==> flow/design.v <==
module rf_n #(
    parameter NREGS = 48,
    parameter DATA_WIDTH = 4,
    parameter ABITS = $clog2(NREGS)
) (
    input wire clk,
    input wire clr,
    input wire valid,
    input wire wr,
    input wire [ABITS-1:0] wr_idx,
    input wire [DATA_WIDTH-1:0] write_data,
    input wire [ABITS-1:0] rsel1,
    input wire [ABITS-1:0] rsel2,
    output wire [DATA_WIDTH-1:0] read_data1,
    output wire [DATA_WIDTH-1:0] read_data2
);
    reg wr_d1;
    always @(posedge clk) begin
        if (clr) begin
            wr_d1 <= 1'b0;
        end else if (valid) begin
            wr_d1 <= wr;
        end
    end
    reg [ABITS-1:0] wr_idx_d1;
    always @(posedge clk) begin
        if (clr) begin
            wr_idx_d1 <= 0;
        end else if (valid) begin
            wr_idx_d1 <= wr_idx;
        end
    end
    reg [DATA_WIDTH-1:0] write_data_d1;
    always @(posedge clk) begin
        if (clr) begin
            write_data_d1 <= 0;
        end else if (valid) begin
            write_data_d1 <= write_data;
        end
    end
    reg [DATA_WIDTH-1:0] regs [NREGS-1:0];
    always @(posedge clk) begin
        if (valid && wr_d1 && wr_idx_d1 != 0)
            regs[wr_idx_d1] <= write_data_d1;
    end
    reg [ABITS-1:0] rsel1_d1;
    always @(posedge clk) begin
        if (clr) begin
            rsel1_d1 <= 0;
        end else if (valid) begin
            rsel1_d1 <= rsel1;
        end
    end
    reg [ABITS-1:0] rsel2_d1;
    always @(posedge clk) begin
        if (clr) begin
            rsel2_d1 <= 0;
        end else if (valid) begin
            rsel2_d1 <= rsel2;
        end
    end
    assign read_data1 = (rsel1_d1 == 0) ? {DATA_WIDTH{1'b0}} : regs[rsel1_d1];
    assign read_data2 = (rsel2_d1 == 0) ? {DATA_WIDTH{1'b0}} : regs[rsel2_d1];
endmodule
# Reports on rf_n
# What the tools print for rf_n, step after step.
# Lines are those of the file above, counted from 1.
# Operators carry their Yosys type and port widths (W data, S select, Z words).
# Library cell names are shortened.
# Not given: n/a
[inputs] top_module="rf_n" clk_port="clk" cell_library="sky130hd" lib_corner="tt_025C_1v80"

# Word-level counts
# Counts by Yosys on the flattened word-level netlist (proc, flatten, opt, wreduce; memories kept). Print and check cells are left out. Cells with the same type and inputs are merged into one.
# Yosys's memory passes give these memory sizes; they may raise the number of words (mostly to a power of two), join words into wider ones and drop unused or constant bits.
[word_totals] reg_bits=23 ramBits=192 clocked_rd_ports_x_width=8 memories=1 inputBits=26 output_inout_bits=8 wordCells=20
[memory_table] memory="regs" words=48 width=4 rd=2 wr=1 line=41 rtl="reg [DATA_WIDTH-1:0] regs [NREGS-1:0];"
[classes] mux=9 reduce_logical=5
[op_table] operator="$mux W6" n=5
[op_table] operator="$logic_not A6 Y1" n=2
[op_table] operator="$mux W4" n=3
[op_table] operator="$reduce_bool A6 Y1" n=1
[op_table] operator="$logic_and A1 B1 Y1" n=2
[op_table] operator="$mux W1" n=1

# Logic depth
# Longest topological path by Yosys (ltp), each cell counted once; first at word level (registers and memories cut), then after technology mapping (sequential cells cut; the memories' decode and read muxes count).
[depth] ltp_word=3 ABC_AREA=1 ltp_mapped=11 ltp_nobuf=9

# After synthesis
# Source: synth_stat.txt of the flow (Yosys; design flattened, memories mapped). It holds for the ABC_AREA given above (unset counts as 0); a run with the other value may have another netlist.
# The area totals of this step are shown rounded.
[synth_totals] cell_count=1369 yosys_area_um2=11500 sequential_area_um2=6470 ff_cells=227 buf_cells=82
[types] cell="edfxtp_1" n=192 type_area_um2=5765.53
[types] cell="nand2_1" n=449 type_area_um2=1.69E+03
[types] cell="nand3_1" n=328 type_area_um2=1.64E+03
[types] cell="dfxtp_1" n=35 type_area_um2=700.672
[types] cell="inv_1" n=138 type_area_um2=517.997
[types] cell="nor2_1" n=72 type_area_um2=270.259
[types] cell="buf_2" n=40 type_area_um2=200.192
[types] cell="a21oi_1" n=33 type_area_um2=165.158
[types] cell="buf_6" n=10 type_area_um2=112.608
[types] cell="buf_4" n=11 type_area_um2=82.579
[types] cell="nand2_4" n=7 type_area_um2=78.826
[types] cell="o211ai_1" n=8 type_area_um2=60.058
[types] cell="clkbuf_1" n=14 type_area_um2=52.55
[types] cell="a211oi_1" n=6 type_area_um2=45.043
[types] cell="o21ai_1" n=8 type_area_um2=40.038
[types] cell="buf_1" n=7 type_area_um2=26.275
[types] cell="o311ai_2" n=1 type_area_um2=16.266
[types] cell="inv_4" n=2 type_area_um2=12.512
# Other cell types: 4; their cells: 8.

# Worst setup path after synthesis
# Path of least setup slack by OpenSTA after synthesis, without wires, with an ideal clock, recovery checks aside; 20% of the period is set as input and as output delay. Where synthesis merged equal registers, the netlist keeps one of their names.
[synth_path] path_kind="reg2out" from="register (no name shown)" to="output port read_data1[3]" period_ps=2750 out_delay_ps=550 t_first_pin_ps=0 arrival_ps=1283 required_ps=2200 path_slack_ps=917 path_delay_ps=1283 driving_pins=10 path_buffers=3 synth_period_reached_ps=1833
# "path_delay_ps" = arrival - input delay + setup time.
# A path that ends at an output port has no setup time.
# "driving_pins" counts driving pins, that of a launching flip-flop among them; a cell with two outputs on the path counts twice.
# "synth_period_reached_ps" is the clock period less the worst setup slack; recovery checks do not enter. This is arithmetic on one report: input and output delays are still those of the set period (20% each).
[synth_between] path_cell_list="dfxtp_1 buf_4 buf_6 buf_6 nand2_1 nand3_1 nand3_1 a21oi_1 o21ai_1 a21oi_1"
[synth_rtl] element="end, declared" line=14 rtl="output wire [DATA_WIDTH-1:0] read_data1,"
# Chain of elaborated cells between the ends: none given.

# Path in the finished layout
# From the final timing report of job 1: the path of least setup slack in the routed layout; clock arrival at registers is part of the times.
# The path's times are printed in steps of 10 ps; the period is the one set.
[layout_path] path_kind="reg2out" from="register (no name shown)" to="output port read_data2[3]" period_ps=3260 out_delay_ps=650 t_first_pin_ps=520 arrival_ps=2210 required_ps=2610 path_slack_ps=400 driving_pins=11 path_buffers=3
[layout_between] path_cell_list="dfxtp_4 buf_12 clkbuf_16 nand2_1 nand3_1 nand3_1 nand3_1 nand3_1 nand2_2 a21oi_2 clkdlybuf4s15_2"
[layout_rtl] element="end, declared" line=15 rtl="output wire [DATA_WIDTH-1:0] read_data2"
# Chain of elaborated cells between the ends: none given.

# Flow runs of rf_n

Module rf_n, platform sky130hd: 3 stored runs of the flow (Yosys, OpenROAD) with differing settings, in no particular order. Input and output delays are each 20% of the period that was set; the output load is 0.01 pF.
"achieved_clock_period_ps" = clock period - worst setup slack. The figure is calculated, with input and output delays left at 20% of the set period.
"critical_path_time_ps": the worst setup path's part of the clock period (all of it between registers, 20% less for each end at a port) less its slack. A launch clock that arrives late makes it longer, a capture clock that arrives late makes it shorter.
"design_power_mw": no workload was simulated; the value follows from the tool's default switching activity.
"critical_path_time_ps" is known to 10 ps.
Results are given in rounded form.

[flow] job 1: files
==> flow/run.sh <==
#!/bin/bash
# the make line also repeats the synthesis and layout settings of config.mk as NAME=value (left out here)
make -C /OpenROAD-flow-scripts/flow DESIGN_CONFIG=/design/flow/config.mk WORK_HOME=/design/flow/orfs CLKGATE_MAP_FILE= finish
==> flow/config.mk <==
export PLATFORM = sky130hd
export DESIGN_NAME = rf_n
export DESIGN_NICKNAME = rf_n
export VERILOG_FILES = /design/flow/design.v
export SDC_FILE = /design/flow/constraint.sdc
export NUM_CORES = 4
export LEC_CHECK = 0
export ABC_AREA = 1
export CAP_MARGIN = 20
export CORE_MARGIN = 2
export CORE_UTILIZATION = 55
export PLACE_DENSITY_LB_ADDON = 0.17
export SETUP_SLACK_MARGIN = 0.41
export SLEW_MARGIN = 20
export TNS_END_PERCENT = 45
==> flow/constraint.sdc <==
create_clock -name core_clock -period 3.26 [get_ports {clk}]
set_input_delay 0.6520 -clock core_clock [delete_from_list [all_inputs] [get_ports {clk}]]
set_output_delay 0.6520 -clock core_clock [all_outputs]
set_load 0.01 [all_outputs]

[flow] job 1: metrics
[metrics] setup_ws_ps = 397
[metrics] critical_path_time_ps = 2210
[metrics] worst_path_kind = reg2out
[metrics] achieved_clock_period_ps = 2863
[metrics] synth_chip_area_um2 = 11500
[metrics] cell_area_final_um2 = 13500
[metrics] tns_setup_ps = 0
[metrics] holdWs_ps = 489
[metrics] util_frac = 0.664
[metrics] final_die_area_um2 = 22100
[metrics] design_power_mw = 6.89

[flow] job 2: files
==> flow/run.sh <==
#!/bin/bash
# the make line also repeats the synthesis and layout settings of config.mk as NAME=value (left out here)
make -C /OpenROAD-flow-scripts/flow DESIGN_CONFIG=/design/flow/config.mk WORK_HOME=/design/flow/orfs CLKGATE_MAP_FILE= finish
==> flow/config.mk <==
export PLATFORM = sky130hd
export DESIGN_NAME = rf_n
export DESIGN_NICKNAME = rf_n
export VERILOG_FILES = /design/flow/design.v
export SDC_FILE = /design/flow/constraint.sdc
export NUM_CORES = 4
export LEC_CHECK = 0
export CAP_MARGIN = 20
export CELL_PAD_IN_SITES_DETAIL_PLACEMENT = 0
export CELL_PAD_IN_SITES_GLOBAL_PLACEMENT = 3
export CORE_MARGIN = 2
export CORE_UTILIZATION = 26
export CTS_CLUSTER_SIZE = 80
export PLACE_DENSITY = 0.48
export SLEW_MARGIN = 0
export TNS_END_PERCENT = 65
==> flow/constraint.sdc <==
create_clock -name core_clock -period 3.22 [get_ports {clk}]
set_input_delay 0.6440 -clock core_clock [delete_from_list [all_inputs] [get_ports {clk}]]
set_output_delay 0.6440 -clock core_clock [all_outputs]
set_load 0.01 [all_outputs]

[flow] job 2: metrics
[metrics] setup_ws_ps = -5
[metrics] critical_path_time_ps = 2580
[metrics] worst_path_kind = reg2out
[metrics] achieved_clock_period_ps = 3225
[metrics] synth_chip_area_um2 = 10500
[metrics] cell_area_final_um2 = 13600
[metrics] tns_setup_ps = -9
[metrics] holdWs_ps = 495
[metrics] util_frac = 0.341
[metrics] final_die_area_um2 = 42000
[metrics] design_power_mw = 7.27

[flow] job 3: files
==> flow/run.sh <==
#!/bin/bash
# the make line also repeats the synthesis and layout settings of config.mk as NAME=value (left out here)
make -C /OpenROAD-flow-scripts/flow DESIGN_CONFIG=/design/flow/config.mk WORK_HOME=/design/flow/orfs CLKGATE_MAP_FILE= finish
==> flow/config.mk <==
export PLATFORM = sky130hd
export DESIGN_NAME = rf_n
export DESIGN_NICKNAME = rf_n
export VERILOG_FILES = /design/flow/design.v
export SDC_FILE = /design/flow/constraint.sdc
export NUM_CORES = 4
export LEC_CHECK = 0
export CAP_MARGIN = 20
export CORE_MARGIN = 2
export CORE_UTILIZATION = 40
export SLEW_MARGIN = 20
==> flow/constraint.sdc <==
create_clock -name core_clock -period 2.75 [get_ports {clk}]
set_input_delay 0.5500 -clock core_clock [delete_from_list [all_inputs] [get_ports {clk}]]
set_output_delay 0.5500 -clock core_clock [all_outputs]
set_load 0.01 [all_outputs]

[flow] job 3: metrics
[metrics] setup_ws_ps = -292
[metrics] critical_path_time_ps = 2490
[metrics] worst_path_kind = reg2out
[metrics] achieved_clock_period_ps = 3042
[metrics] synth_chip_area_um2 = 10500
[metrics] cell_area_final_um2 = 13400
[metrics] tns_setup_ps = -2030
[metrics] holdWs_ps = 506
[metrics] util_frac = 0.516
[metrics] final_die_area_um2 = 27600
[metrics] design_power_mw = 8.05
